==> flow/design.v <==
module my_mpy (aclk, a, b, m);
    parameter DATA_W = 5;
    input aclk;
    input [DATA_W-1:0] a;
    input [DATA_W-1:0] b;
    output [2*DATA_W-1:0] m;
    reg [DATA_W-1:0] a_q;
    reg [DATA_W-1:0] b_q;
    always @(posedge aclk) begin
        a_q <= a;
        b_q <= b;
    end
    assign m = a_q * b_q;
endmodule
# Reports on my_mpy
# What the tools print for my_mpy, step after step.
# Line numbers count from 1 in the design file above.
# Operators: Yosys type, input widths -> output width; for muxes data width and select width s.
# Library cell names are shortened.
# Not given: n/a
[design] top_module="my_mpy" clock="aclk" lib="sky130hd" corner="tt_025C_1v80"

# Word level
# Source: Yosys, flattened and elaborated, memories not mapped. Widths are those after wreduce; folded enables and synchronous resets count as part of the registers. Registers that Yosys merges into a memory's read port (data or address) are not register bits. Print and check cells do not count. Equal cells are merged and count once.
[word_totals] register_bits=10 elab_cells=3
[op_classes] mul=1
[ops] operator="$mul 5x5->10" count=1

# Depth
# Yosys ltp: most cells in a row. Word level: on the elaborated netlist, between registers, memories and ports. Mapped: between sequential cells and ports; inverters and the memories' decode and read muxes count.
[logic_depth] word_depth=1 abc_area=0 depth_mapped=12

# Mapped cells and area
# Yosys stat after the flow's synthesis: flattened, memories mapped to cells. It holds for the ABC_AREA given above (unset counts as 0); a run with the other value may have another netlist.
# The area totals of this step are shown rounded.
[mapped] mapped_cells=100 yosys_area_um2=989.7 sequential_area_um2=200.2 ff_cells=10
[by_type] type="ha_1" count=18
[by_type] type="dfxtp_1" count=10
[by_type] type="fa_1" count=9
[by_type] type="and2_1" count=19
[by_type] type="inv_1" count=15
[by_type] type="xor2_1" count=3
[by_type] type="nand2_1" count=6
[by_type] type="xnor2_1" count=2
[by_type] type="o41ai_2" count=1
[by_type] type="a2111oi_2" count=1
[by_type] type="nand3b_1" count=2
[by_type] type="nor2b_4" count=1
[by_type] type="a21oi_1" count=2
[by_type] type="a221oi_1" count=1
[by_type] type="nand2b_2" count=1
[by_type] type="o21ai_2" count=1
[by_type] type="a21boi_1" count=1
[by_type] type="o21bai_1" count=1
# Other cell types: 6; their cells: 6.

# Timing after synthesis
# Source: OpenSTA report_checks on the synthesized netlist (no wires, ideal clock, input and output delay 20% of the period each), path of least setup slack; recovery checks are left aside. Register names are those of the netlist, which keeps one name where synthesis merged equal registers.
[synth_timing] kind="register to output" start="register b_q[4]" end="output m[8]" tclk_ns=4.96 out_delay_ns=0.992 t_arrival_ns=3.173 slack_ns=0.795 delay_ns=3.173 path_stages=12 n_path_buf=0 period_less_setup_slack_ns=4.165
# "delay_ns" is the arrival time less input delay plus setup time.
# At an output port there is no setup time.
# "path_stages": output pins that drive a net of the path, with the launching flip-flop's if there is one; two outputs of one cell count as two.
# "period_less_setup_slack_ns" = period - worst setup slack (recovery checks aside). The figure is calculated, with input and output delays left at 20% of the set period.
# Between the ends stands the longest chain of elaborated cells between them, by number of cells; it is not shown to be the way that was timed. Of several equally long chains one is given.
# Each line given opens the expression or statement behind the cell; cells for indexed reads and writes are added by Yosys, which also makes memories of some case tables.
[synth_between] path_cell_list="dfxtp_1 -> nand2_1 -> fa_1 -> fa_1 -> fa_1 -> inv_1 -> ha_1 -> nor2b_4 -> o21ai_2 -> nand2b_2 -> a2111oi_2 -> nand3b_1" elab_chain_cells=1 cone_cells=1 cone_lines=1 cone_classes="1 x mul"
[synth_lines] item="start, declared" line=8 text="reg [DATA_W-1:0] b_q;"
[synth_lines] item="start, assigned" line=11 text="b_q <= b;"
[synth_lines] item="$mul 5x5->10" line=13 text="assign m = a_q * b_q;"
[synth_lines] item="end, declared" line=6 text="output [2*DATA_W-1:0] m;"

# Timing after layout
# From the final timing report of record 1: the path of least setup slack in the routed layout; clock arrival at registers is part of the times.
[layout_timing] kind="register to output" start="register b_q[4]" end="output m[8]" tclk_ns=3.31 out_delay_ns=0.66 t_arrival_ns=3.36 slack_ns=-0.71 path_stages=13 n_path_buf=1
# Between the ends stands the longest chain of elaborated cells between them, by number of cells; it is not shown to be the way that was timed. Of several equally long chains one is given.
[layout_between] path_cell_list="dfxtp_4 -> nand2_4 -> fa_1 -> fa_1 -> fa_1 -> inv_2 -> ha_4 -> nor2b_4 -> o21ai_2 -> nand2b_4 -> a2111oi_4 -> nand3b_1 -> buf_2" elab_chain_cells=1 cone_cells=1 cone_lines=1 cone_classes="1 x mul"
[layout_lines] item="start, declared" line=8 text="reg [DATA_W-1:0] b_q;"
[layout_lines] item="start, assigned" line=11 text="b_q <= b;"
[layout_lines] item="$mul 5x5->10" line=13 text="assign m = a_q * b_q;"
[layout_lines] item="end, declared" line=6 text="output [2*DATA_W-1:0] m;"

Record of 3 stored runs of the RTL-to-layout flow on my_mpy, platform sky130hd. The runs are unordered. Constraints: input delay and output delay 20% of the set period each, output load 0.01 pF.
"period_less_ws_ns": clock period set for the run, less the worst setup slack. It is reckoned from that one timing run; input and output delays stay at 20% of the period that was set.
"worst_path_ns": the worst setup path's part of the clock period (all of it between registers, 20% less for each end at a port) less its slack. A launch clock that arrives late makes it longer, a capture clock that arrives late makes it shorter.
"fin_power_w": no workload was simulated; the value follows from the tool's default switching activity.
The results are shown rounded.

[flow] record 1: files
==> flow/run.sh <==
#!/bin/bash
# the make line also repeats the synthesis and layout settings of config.mk as NAME=value (left out here)
make -C /OpenROAD-flow-scripts/flow DESIGN_CONFIG=/design/flow/config.mk WORK_HOME=/design/flow/orfs CLKGATE_MAP_FILE= finish
==> flow/config.mk <==
export PLATFORM = sky130hd
export DESIGN_NAME = my_mpy
export DESIGN_NICKNAME = my_mpy
export VERILOG_FILES = /design/flow/design.v
export SDC_FILE = /design/flow/constraint.sdc
export NUM_CORES = 4
export LEC_CHECK = 0
export CAP_MARGIN = 30
export CELL_PAD_IN_SITES_DETAIL_PLACEMENT = 0
export CORE_MARGIN = 2
export CORE_UTILIZATION = 59
export CTS_CLUSTER_DIAMETER = 119
export CTS_CLUSTER_SIZE = 91
export GPL_TIMING_DRIVEN = 0
export HOLD_SLACK_MARGIN = 0.26
export MIN_ROUTING_LAYER = met1
export SETUP_SLACK_MARGIN = 0.13
export SLEW_MARGIN = 20
export TNS_END_PERCENT = 30
==> flow/constraint.sdc <==
create_clock -name core_clock -period 3.31 [get_ports {aclk}]
set_input_delay 0.6620 -clock core_clock [delete_from_list [all_inputs] [get_ports {aclk}]]
set_output_delay 0.6620 -clock core_clock [all_outputs]
set_load 0.01 [all_outputs]

[flow] record 1: metrics
[metrics] finish.utilization_pct = 88.0
[metrics] ws_setup_ns = -0.714
[metrics] worst_path_ns = 3.36
[metrics] path_kind = register to output
[metrics] holdWs_ns = 0.834
[metrics] die_um2 = 2021
[metrics] final_setup_tns_ns = -2.761
[metrics] fin_power_w = 0.0005409
[metrics] finalCellArea_um2 = 1356
[metrics] period_less_ws_ns = 4.024
[metrics] yosys_chip_area_um2 = 989.7

[flow] record 2: files
==> flow/run.sh <==
#!/bin/bash
# the make line also repeats the synthesis and layout settings of config.mk as NAME=value (left out here)
make -C /OpenROAD-flow-scripts/flow DESIGN_CONFIG=/design/flow/config.mk WORK_HOME=/design/flow/orfs CLKGATE_MAP_FILE= finish
==> flow/config.mk <==
export PLATFORM = sky130hd
export DESIGN_NAME = my_mpy
export DESIGN_NICKNAME = my_mpy
export VERILOG_FILES = /design/flow/design.v
export SDC_FILE = /design/flow/constraint.sdc
export NUM_CORES = 4
export LEC_CHECK = 0
export CAP_MARGIN = 20
export CELL_PAD_IN_SITES_DETAIL_PLACEMENT = 2
export CORE_ASPECT_RATIO = 0.63
export CORE_MARGIN = 2
export CORE_UTILIZATION = 46
export CTS_CLUSTER_DIAMETER = 261
export CTS_CLUSTER_SIZE = 23
export GPL_ROUTABILITY_DRIVEN = 0
export PLACE_DENSITY_LB_ADDON = 0.28
export SETUP_SLACK_MARGIN = 0.14
export SLEW_MARGIN = 5
==> flow/constraint.sdc <==
create_clock -name core_clock -period 2.41 [get_ports {aclk}]
set_input_delay 0.4820 -clock core_clock [delete_from_list [all_inputs] [get_ports {aclk}]]
set_output_delay 0.4820 -clock core_clock [all_outputs]
set_load 0.01 [all_outputs]

[flow] record 2: did not finish, placement stopped with DPL-0033

[flow] record 3: files
==> flow/run.sh <==
#!/bin/bash
# the make line also repeats the synthesis and layout settings of config.mk as NAME=value (left out here)
make -C /OpenROAD-flow-scripts/flow DESIGN_CONFIG=/design/flow/config.mk WORK_HOME=/design/flow/orfs CLKGATE_MAP_FILE= finish
==> flow/config.mk <==
export PLATFORM = sky130hd
export DESIGN_NAME = my_mpy
export DESIGN_NICKNAME = my_mpy
export VERILOG_FILES = /design/flow/design.v
export SDC_FILE = /design/flow/constraint.sdc
export NUM_CORES = 4
export LEC_CHECK = 0
export CAP_MARGIN = 20
export CORE_MARGIN = 2
export CORE_UTILIZATION = 40
export SLEW_MARGIN = 20
==> flow/constraint.sdc <==
create_clock -name core_clock -period 4.96 [get_ports {aclk}]
set_input_delay 0.9920 -clock core_clock [delete_from_list [all_inputs] [get_ports {aclk}]]
set_output_delay 0.9920 -clock core_clock [all_outputs]
set_load 0.01 [all_outputs]

[flow] record 3: metrics
[metrics] period_less_ws_ns = 4.713
[metrics] worst_path_ns = 3.72
[metrics] path_kind = register to output
[metrics] ws_setup_ns = 0.247
[metrics] die_um2 = 2888
[metrics] holdWs_ns = 1.178
[metrics] final_setup_tns_ns = 0.000
[metrics] finalCellArea_um2 = 1259
[metrics] yosys_chip_area_um2 = 989.7
[metrics] fin_power_w = 0.0003224
[metrics] finish.utilization_pct = 52.2
